==> flow/design.v <==
module my_mplex_p #(
  parameter NBITS = 2,
  parameter WAYS = 8,
  parameter LG = $clog2(WAYS)
) (
  input  wire ck,
  input  wire rst,
  input  wire en,
  input  wire [WAYS*NBITS-1:0] val_i,
  input  wire [LG-1:0] addr_i,
  output wire [NBITS-1:0] y_o
);
  reg [WAYS*NBITS-1:0] val_reg;
  reg [LG-1:0] addr_reg;
  wire [NBITS-1:0] opt [0:WAYS-1];
  genvar g;
  generate
    for (g = 0; g < WAYS; g = g + 1) begin : lane
      assign opt[g] = val_reg[g*NBITS +: NBITS];
    end
  endgenerate
  assign y_o = opt[addr_reg];
  always @(posedge ck or posedge rst) begin
    if (rst) begin
      val_reg <= 0;
      addr_reg <= 0;
    end else if (en) begin
      val_reg <= val_i;
      addr_reg <= addr_i;
    end
  end
endmodule
# Step by step through the tools: my_mplex_p
# The steps from the RTL of my_mplex_p to its reports follow in flow order.
# Line numbers count from 1 in the design file above.
# Cell names lack the library's common part.
# The mark - stands for no value.
# inputs
top_module	my_mplex_p
clock	ck
lib	sky130hd
lib_corner	tt_025C_1v80

# Word-level counts
# Source: Yosys, flattened and elaborated. Widths are those after wreduce; folded enables and synchronous resets count as part of the registers. Registers that Yosys merges into a memory's read port (data or address) are not register bits. Print and check cells do not count. Equal cells are merged and count once.
# word_totals
ff_bits	19
out_inout_bits	2
# classes
n_eq	7
mux	1
n_reduce_logical	1
# ops
op	n
2-bit case mux with 8-bit select	1
3-bit == test with constant B	4
3-bit by 2-bit == test with 1-bit output with constant B	2
3-bit by 1-bit == test with 1-bit output with constant B	1
3-bit zero test	1

# Longest topological paths
# Yosys ltp: most cells in a row. Word level: on the elaborated netlist, between registers, memories and ports. Mapped: between sequential cells and ports; inverters and the memories' decode and read muxes count.
# logic_depth
depth_word	2
abc_area	0
mapped_depth	4
depth_no_buf	3

# Mapped cells and area
# Yosys stat after the flow's synthesis: flattened, memories mapped to cells. It holds for the ABC_AREA given above (unset counts as 0); a run with the other value may have another netlist.
# synth_totals
cell_count	64
mapped_area_mm2	0.0008783
seqArea_mm2	0.0004755
ff_cells	19
# types
cell	n	area_total_um2
dfrtp_1	19	475.456
mux2_2	18	202.694
mux2i_1	6	60.058
buf_6	2	22.522
buf_2	3	15.014
mux2_4	1	15.014
o21ai_0	3	15.014
nand2_1	3	11.261
a22o_1	1	8.758
a32oi_1	1	8.758
o221ai_1	1	8.758
o2bb2ai_1	1	8.758
inv_1	2	7.507
o211ai_1	1	7.507
a31oi_1	1	6.256
nand3_1	1	5.005

# Worst setup path after synthesis
# OpenSTA on the mapped netlist: ideal clock, no wires. The path of least setup slack (recovery checks aside). Input and output delay are each 20% of the period. Register names are those of the netlist, which keeps one name where synthesis merged equal registers.
# synth_path
kind	register to output
start	register addr_reg[0]
end	output y_o[1]
clock_period_ns	1.59
out_delay_ns	0.318
launch_ns	0.000
t_arrival_ns	1.019
required_ns	1.272
path_slack_ns	0.253
path_delay_ns	1.019
path_stages	5
period_less_setup_slack_ns	1.337
# "path_delay_ns" = arrival - input delay + setup time.
# At an output port there is no setup time.
# "path_stages": output pins that drive a net of the path, with the launching flip-flop's if there is one; two outputs of one cell count as two.
# "period_less_setup_slack_ns" is the clock period less the worst setup slack; recovery checks do not enter. This is arithmetic on one report: input and output delays are still those of the set period (20% each).
# Between the ends stands the longest chain of elaborated cells between them, by number of cells; it is not shown to be the way that was timed. Of several equally long chains one is given.
# A line is the first line of the expression or statement that the cell stems from. Yosys adds cells for indexed reads and writes and turns some case tables into memories.
# synth_between
path_cell_list	dfrtp_1 -> buf_6 -> mux2_4 -> a32oi_1 -> o2bb2ai_1
elab_chain_len	2
# synth_rtl
element	line	rtl
start: declaration	14	reg [LG-1:0] addr_reg;
start: assignment	26	addr_reg <= 0;
start: assignment	29	addr_reg <= addr_i;
3-bit == test	22	assign y_o = opt[addr_reg];
2-bit case mux with 8-bit select	22
end: declaration	11	output wire [NBITS-1:0] y_o

# Worst path after layout
# Path of least setup slack in the final report of flow run A (OpenROAD, finished layout, wires in). Where an end is a register, its clock arrival counts in the times.
# layout_path
kind	register to output
start	register addr_reg[2]
end	output y_o[0]
clock_period_ns	1.59
out_delay_ns	0.32
launch_ns	0.29
t_arrival_ns	1.43
required_ns	1.27
path_slack_ns	-0.16
path_stages	5
# Between the ends stands the longest chain of elaborated cells between them, by number of cells; it is not shown to be the way that was timed. Of several equally long chains one is given.
# layout_between
path_cell_list	dfrtp_2 -> mux2i_1 -> o21ai_0 -> a22o_1 -> buf_2
elab_chain_len	2
# layout_rtl
element	line	rtl
start: declaration	14	reg [LG-1:0] addr_reg;
start: assignment	26	addr_reg <= 0;
start: assignment	29	addr_reg <= addr_i;
3-bit == test	22	assign y_o = opt[addr_reg];
2-bit case mux with 8-bit select	22
end: declaration	11	output wire [NBITS-1:0] y_o

# 3 stored runs of my_mplex_p in the flow (synthesis by Yosys, layout by OpenROAD, sky130hd cells), in arbitrary order. Constraints: input delay and output delay 20% of the set period each, output load 0.01 pF.
# "achieved_clock_period_ns" is the run's clock period less its worst setup slack. It is reckoned from that one timing run; input and output delays stay at 20% of the period that was set.
# By "worst_path_allowed_less_slack_ns" is meant the share of the clock period that the worst setup path is allowed (20% is reserved at inputs, 20% at outputs), minus its slack. Clock arrival times at its registers enter into it.
# By "totalPower_uw" is meant OpenSTA's value without simulated activity: inputs other than the clock are taken to toggle once in ten clock periods, and the tool carries that through the logic.
# Among the settings, . means not set for that run.
stored run	period_ns	CAP_MARGIN	CORE_MARGIN	CORE_UTILIZATION	SLEW_MARGIN	PLACE_DENSITY_LB_ADDON	CORE_ASPECT_RATIO	CELL_PAD_IN_SITES_GLOBAL_PLACEMENT	CELL_PAD_IN_SITES_DETAIL_PLACEMENT	TNS_END_PERCENT	CTS_CLUSTER_SIZE	CTS_CLUSTER_DIAMETER	MAX_ROUTING_LAYER	SETUP_SLACK_MARGIN	PLACE_DENSITY	post_synth_area_mm2	layout_stdcell_area_mm2	worst_path_allowed_less_slack_ns	critical_path_type	final_util_frac	die_footprint_mm2	totalPower_uw	fin_tns_ns	achieved_clock_period_ns	timing.setup.ws_ns
flow run A	1.59	20	2	40	20	.	.	.	.	.	.	.	.	.	.	0.0008783	0.0011987	1.43	register to output	0.593	0.0025867	1033	-0.290	1.747	-0.157
flow run B	0.958	30	2	28	20	0.23	0.68	0	2	95	78	222	met5	.	.	0.0008783	0.0013375	1.55	register to output	0.455	0.0036093	2030	-1.540	1.741	-0.783
flow run C	1.58	20	2	18	0	.	0.78	.	.	55	.	.	met4	0.11	0.59	0.0008783	0.0013062	1.49	register to output	0.278	0.0054589	1177	-0.417	1.808	-0.228
